==> flow/design.v <==
module ex_mag_cmp #(
   parameter WD = 28
) (
   input  logic sys_clk,
   input  logic [WD-1:0] src1_in,
   input  logic [WD-1:0] src2_in,
   output logic above_out
);
   logic [WD-1:0] src1_q;
   logic [WD-1:0] src2_q;
   always_ff @(posedge sys_clk) begin
      src1_q <= src1_in;
      src2_q <= src2_in;
   end
   logic [WD:0] carry;
   assign carry[0] = 1'b0;
   for (genvar k = 0; k < WD; k++) begin : slice
      assign carry[k+1] = (src1_q[k] ^ src2_q[k]) ? src1_q[k] : carry[k];
   end
   logic above_q;
   always_ff @(posedge sys_clk) begin
      above_q <= carry[WD];
   end
   assign above_out = above_q;
endmodule
### From RTL to reports: ex_mag_cmp

Tool output for the design above, in the order of the flow.
Line numbers count from 1 in the design file above.
Operators carry their Yosys type and port widths (W data, S select, Z words).
Cell names lack the library's common part.
A cell with - has no value.

* design top: ex_mag_cmp
* clock port: sys_clk
* cell library: sky130hd
* corner: tt_025C_1v80

### Elaborated design

Source: Yosys, flattened and elaborated, memories not mapped. Widths are those after wreduce; folded enables and synchronous resets count as part of the registers. Registers that Yosys merges into a memory's read port (data or address) are not register bits. Print and check cells do not count. Equal cells are merged and count once.

* bitwise gates (word level): 28
* eq/ne operators: 0
* muxes and demuxes: 28
* multiply operators: 0
* reduce/logical cells: 0
* $add $sub $neg: 0
* shift-type cells: 0
* order comparisons: 0
* div/mod/pow operators: 0

Operator list (count)
* $xor A1 B1 Y1: 28
* $mux W1: 28

* bits in latches: 0
* register bits: 57
* cells after elaboration: 59
* word width x clocked read ports: 0
* RAM bits: 0
* ROM bits: 0
* memories: 0

### Longest topological paths

Yosys ltp: most cells in a row. Word level: on the elaborated netlist, between registers, memories and ports. Mapped: between sequential cells and ports; inverters and the memories' decode and read muxes count.

* depth after elaboration: 29
* ABC_AREA: 0
* depth in mapped cells: 5

### After synthesis

Yosys stat after the flow's synthesis: flattened, memories mapped to cells. It holds for the ABC_AREA given above (unset counts as 0); a run with the other value may have another netlist.
Totals and module areas in this step are rounded.

* cells in the netlist: 133
* chip area (Yosys): 1629 µm²
* mapped flip-flops: 57
* buffers: 0

Cells by type
* dfxtp_1: count 57, area in all 1.14E+03 µm²
* inv_1: count 24, area in all 90.086 µm²
* nor2b_1: count 6, area in all 37.536 µm²
* o22ai_1: count 6, area in all 37.536 µm²
* a2111oi_2: count 2, area in all 30.029 µm²
* a222oi_1: count 3, area in all 30.029 µm²
* a2111oi_4: count 1, area in all 27.526 µm²
* maj3_1: count 2, area in all 20.019 µm²
* nand2b_1: count 3, area in all 18.768 µm²
* a22o_1: count 2, area in all 17.517 µm²
* a311oi_1: count 2, area in all 17.517 µm²
* o2bb2ai_1: count 2, area in all 17.517 µm²
* a22oi_1: count 2, area in all 15.014 µm²
* nand2_1: count 4, area in all 15.014 µm²
* nor3_1: count 3, area in all 15.014 µm²
* o221ai_2: count 1, area in all 15.014 µm²
* a21oi_1: count 2, area in all 10.01 µm²
* a221o_1: count 1, area in all 10.01 µm²

Other cell types: 10; their cells: 10.

### Timing after synthesis

Path of least setup slack by OpenSTA after synthesis, without wires, with an ideal clock, recovery checks aside; 20% of the period is set as input and as output delay. Where synthesis merged equal registers, the netlist keeps one of their names.

* kind: reg-to-reg
* from: register src1_q[25]
* to: register above_q
* data required time: 1569 ps
* clock period: 1700 ps
* arrival time: 1227 ps
* setup time: 131 ps
* driving pins on the path: 6
* time at the first pin: 0 ps
* path delay: 1358 ps
* setup slack: 342 ps
* buffers on the path: 0
* synthesis period reached: 1358 ps

"path delay" is the arrival time less input delay plus setup time.
"driving pins on the path": output pins that drive a net of the path, with the launching flip-flop's if there is one; two outputs of one cell count as two.
"synthesis period reached" = period - worst setup slack (recovery checks aside). The figure is calculated, with input and output delays left at 20% of the set period.
The rows between start and end are the longest chain of elaborated cells between them; the timing report does not say that the signal goes this way. Where chains are equally long, one stands for them.
Each line given opens the expression or statement behind the cell; cells for indexed reads and writes are added by Yosys, which also makes memories of some case tables.

* path through: dfxtp_1 nor2b_1 a2111oi_4 o221ai_2 nor4_1 a311oi_1
* cells in the longest elaborated chain: 4
* elaborated cells between the ends (all ways): 4
* RTL lines with such cells: 1
* classes of those cells: 3 x mux; 1 x logic

RTL lines, path post-synthesis
* start: declaration: RTL line 9 `logic [WD-1:0] src1_q;`
* start: assignment: RTL line 12 `src1_q <= src1_in;`
* $xor A1 B1 Y1: RTL line 18 `assign carry[k+1] = (src1_q[k] ^ src2_q[k]) ? src1_q[k] : carry[k];`
* $mux W1 (3 in a row): RTL line 18
* end: assignment: RTL line 22 `above_q <= carry[WD];`
* end: declaration: RTL line 20 `logic above_q;`

### Path in the finished layout

From the final timing report of run 2: the path of least setup slack in the routed layout; clock arrival at registers is part of the times.
The path's times are printed in steps of 10 ps; the period is the one set.

* kind: reg-to-output
* from: register above_q
* to: output port above_out
* buffers on the path: 1
* time at the first pin: 330 ps
* setup slack: 180 ps
* arrival time: 1180 ps
* clock period: 1700 ps
* data required time: 1360 ps
* driving pins on the path: 2

* path through: dfxtp_1 clkdlybuf4s50_1
* cells in the longest elaborated chain: 0
* elaborated cells between the ends (all ways): 0
* RTL lines with such cells: 0

RTL lines, path post-layout
* start: declaration: RTL line 20 `logic above_q;`
* start: assignment: RTL line 22 `above_q <= carry[WD];`
* end: declaration: RTL line 7 `output logic above_out`

Stored flow runs of ex_mag_cmp (3 of them; Yosys, OpenROAD, sky130hd). They differ in their settings and are not a sequence. Constraints: input delay and output delay 20% of the set period each, output load 0.01 pF.
"achieved period" = clock period - worst setup slack. The figure is calculated, with input and output delays left at 20% of the set period.
By "worst path time" is meant the share of the clock period that the worst setup path is allowed (20% is reserved at inputs, 20% at outputs), minus its slack. Clock arrival times at its registers enter into it.
"total power after layout" rests on the timing tool's default activity at the inputs, not on a simulated workload.
"worst path time" is known to 10 ps.
Results are given in rounded form.

### Run 1

Settings: `period_ns=1.71`, `CORE_UTILIZATION=49`, `SETUP_SLACK_MARGIN=0.39`, `PLACE_DENSITY_LB_ADDON=0.03`, `CELL_PAD_IN_SITES_GLOBAL_PLACEMENT=3`, `TNS_END_PERCENT=60`, `ABC_AREA=0`, `GPL_ROUTABILITY_DRIVEN=0`, `SLEW_MARGIN=5`, `CAP_MARGIN=20`, `CORE_MARGIN=2`

Unfinished; error FLW-0024 in placement.

### Run 2

Settings: `period_ns=1.7`, `CAP_MARGIN=20`, `CORE_MARGIN=2`, `CORE_UTILIZATION=40`, `SLEW_MARGIN=20`

- Worst path time: 1,180 ps
- Kind of the worst setup path: reg-to-output
- Utilization of the finished layout: 61.1 %
- Worst hold slack in the final report: 448 ps
- Die area: 4,599 µm²
- Sum of negative setup slack: 0 ps
- Achieved period: 1,519 ps
- Total power after layout: 2.705 mW
- Standard-cell area after layout: 2,425 µm²
- Setup slack of the critical path: 181 ps
- Area of the synthesized netlist: 1,629 µm²

### Run 3

Settings: `period_ns=1.46`, `CORE_UTILIZATION=71`, `SETUP_SLACK_MARGIN=0.21`, `CTS_CLUSTER_SIZE=18`, `CAP_MARGIN=0`, `MIN_ROUTING_LAYER=met1`, `MAX_ROUTING_LAYER=met5`, `CORE_MARGIN=2`, `SLEW_MARGIN=20`

Unfinished; error GPL-0301 in placement.
